==> flow/design.v <==
module add_stage #(
    parameter integer DW = 24
) (
    input wire i_clk,
    input wire i_rst_n,
    input wire [DW-1:0] rs1_in,
    input wire [DW-1:0] rs2_in,
    output reg [DW:0] o_out
);
    always @(posedge i_clk) begin
        if (~i_rst_n) begin
            o_out <= 0;
        end else begin
            o_out <= rs1_in + rs2_in;
        end
    end
endmodule
[Reports on add_stage]
The steps from the RTL of add_stage to its reports follow in flow order.
Lines are those of the file above, counted from 1.
Operators: Yosys type, input widths -> output width; for muxes data width and select width s.
Library cell names are shortened.
Not given: --
Set-up
  design top: add_stage
  clock port: i_clk
  standard-cell library: sky130hd
  library corner: tt_025C_1v80

[Word level]
Yosys after proc, flatten, opt, wreduce and memory -nomap, before mapping. Enables and synchronous resets that opt folds into registers are not counted as muxes. Memory bits, and registers merged into a memory's read port (data or address), are not among the register bits. Print and check cells are not counted. Equal cells are merged and count once.
Storage and ports
  bits in registers: 25
  bits of input ports: 50
  elaborated cells: 2
Cells by class
  add/sub/neg operators: 1
Operator list (number)
  $add 24x24->25: 1

[Logic depth]
Depth = most cells in a row (Yosys ltp): at word level without a register or memory, in the mapped netlist without a sequential cell, where the memories' decode and read muxes count.
Logic depth
  word-level depth: 1
  ABC_AREA: 0
  mapped depth: 8
  depth with buffers taken out: 8

[Synthesis result]
Source: synth_stat.txt of the flow (Yosys; design flattened, memories mapped). It holds for the ABC_AREA given above (unset counts as 0); a run with the other value may have another netlist.
Synthesis totals
  mapped flip-flops: 25
  sequential area: 500.5 um2
  chip area (Yosys): 1959.4 um2
  standard cells after synthesis: 234
Cells by type
  dfxtp_1: number 25, total area 500.48 um2
  ha_1: number 24, total area 300.288 um2
  nand2_1: number 24, total area 90.086 um2
  a21oi_1: number 17, total area 85.082 um2
  mux2i_1: number 8, total area 80.077 um2
  nor2_1: number 19, total area 71.318 um2
  nor3_1: number 12, total area 60.058 um2
  a21o_1: number 7, total area 52.55 um2
  a21oi_2: number 6, total area 52.55 um2
  xnor2_1: number 5, total area 43.792 um2
  a31oi_1: number 6, total area 37.536 um2
  nand2b_1: number 6, total area 37.536 um2
  o21a_1: number 5, total area 37.536 um2
  nand3_1: number 7, total area 35.034 um2
  o21ai_0: number 6, total area 30.029 um2
  xor2_1: number 3, total area 26.275 um2
  and2_1: number 4, total area 25.024 um2
  and3_1: number 4, total area 25.024 um2
Other cell types: 30; their cells: 46.

[Timing after synthesis]
OpenSTA on the mapped netlist: ideal clock, no wires. The path of least setup slack (recovery checks aside). Input and output delay are each 20% of the period. Register names are those of the netlist, which keeps one name where synthesis merged equal registers.
Timing post-synthesis
  path type: in2reg
  from: in rs1_in[0]
  to: reg o_out[24]
  path slack: 0.456 ns
  driving pins on the path: 8
  arrival time: 2.254 ns
  path delay: 1.808 ns
  launch time at the first pin: 0.566 ns
  buffers on the path: 0
  period: 2.83 ns
  synthesis period reached: 2.374 ns
"path delay" is the arrival time less input delay plus setup time.
"driving pins on the path" counts driving pins, that of a launching flip-flop among them; a cell with two outputs on the path counts twice.
"synthesis period reached" = period - worst setup slack (recovery checks aside). The figure is calculated, with input and output delays left at 20% of the set period.
Between the ends stands the longest chain of elaborated cells between them, by number of cells; it is not shown to be the way that was timed. Of several equally long chains one is given.
A line is the first line of the expression or statement that the cell stems from. Yosys adds cells for indexed reads and writes and turns some case tables into memories.
On the way, post-synthesis
  cells stage by stage: ha_1 fa_1 a21oi_1 o21ai_2 a21oi_2 o31ai_4 nor4b_4 o31a_1
  cells in the longest elaborated chain: 1
Ends and longest elaborated chain, post-synthesis
  start: declaration: RTL line 6  | input wire [DW-1:0] rs1_in,
  $add 24x24->25: RTL line 14  | o_out <= rs1_in + rs2_in;
  end: assignment: RTL line 12  | o_out <= 0;
  end: assignment: RTL line 14
  end: declaration: RTL line 8  | output reg [DW:0] o_out

[Timing after layout]
From the final timing report of record 2: the path of least setup slack in the routed layout; clock arrival at registers is part of the times.
Timing after layout
  path type: in2reg
  from: in rs1_in[0]
  to: reg o_out[18]
  buffers on the path: 1
  launch time at the first pin: 0.57 ns
  path slack: 0.21 ns
  arrival time: 2.82 ns
  period: 2.83 ns
  driving pins on the path: 9
Between the ends stands the longest chain of elaborated cells between them, by number of cells; it is not shown to be the way that was timed. Of several equally long chains one is given.
On the way, after layout
  cells stage by stage: clkdlybuf4s50_1 ha_1 fa_1 a21oi_1 nor3_1 o311ai_2 nand3_1 a21oi_2 mux2i_1
  cells in the longest elaborated chain: 1
Ends and longest elaborated chain, after layout
  start: declaration: RTL line 6  | input wire [DW-1:0] rs1_in,
  $add 24x24->25: RTL line 14  | o_out <= rs1_in + rs2_in;
  end: assignment: RTL line 12  | o_out <= 0;
  end: assignment: RTL line 14
  end: declaration: RTL line 8  | output reg [DW:0] o_out

# Flow runs of add_stage

Design add_stage on sky130hd. What follows are 3 stored runs of the flow, each under its own settings; their order means nothing. The constraints put input and output delay at 20% of the set period each and load the outputs with 0.01 pF.
By "achieved clock period" is meant the clock period of the run minus its worst setup slack. This is arithmetic on one report: input and output delays are still those of the set period (20% each).
[record 1] settings: period_ns=2.66, CORE_UTILIZATION=52, PLACE_DENSITY_LB_ADDON=0.03, CORE_ASPECT_RATIO=1.16, CELL_PAD_IN_SITES_DETAIL_PLACEMENT=2, GPL_TIMING_DRIVEN=0, GPL_ROUTABILITY_DRIVEN=0, CTS_CLUSTER_SIZE=42, CTS_CLUSTER_DIAMETER=321, CAP_MARGIN=35, SLEW_MARGIN=15, CORE_MARGIN=2
[record 1] result: did not finish, placement stopped with a tool error
[record 2] settings: period_ns=2.83, CAP_MARGIN=20, CORE_MARGIN=2, CORE_UTILIZATION=40, SLEW_MARGIN=20
[record 2] result: chip area after synthesis (Yosys) 1959.4 um2, die area 5474.5 um2, standard-cell area of the final layout 2927.8 um2, worst setup slack after layout 0.206 ns, total negative slack 0.000 ns, achieved clock period 2.624 ns
[record 3] settings: period_ns=1.56, CORE_UTILIZATION=28, PLACE_DENSITY=0.83, CORE_ASPECT_RATIO=0.56, TNS_END_PERCENT=85, ABC_AREA=0, CTS_CLUSTER_DIAMETER=65, CAP_MARGIN=20, CORE_MARGIN=2, SLEW_MARGIN=20
[record 3] result: chip area after synthesis (Yosys) 1959.4 um2, die area 7711.3 um2, standard-cell area of the final layout 4234.1 um2, worst setup slack after layout -0.344 ns, total negative slack -5.018 ns, achieved clock period 1.904 ns
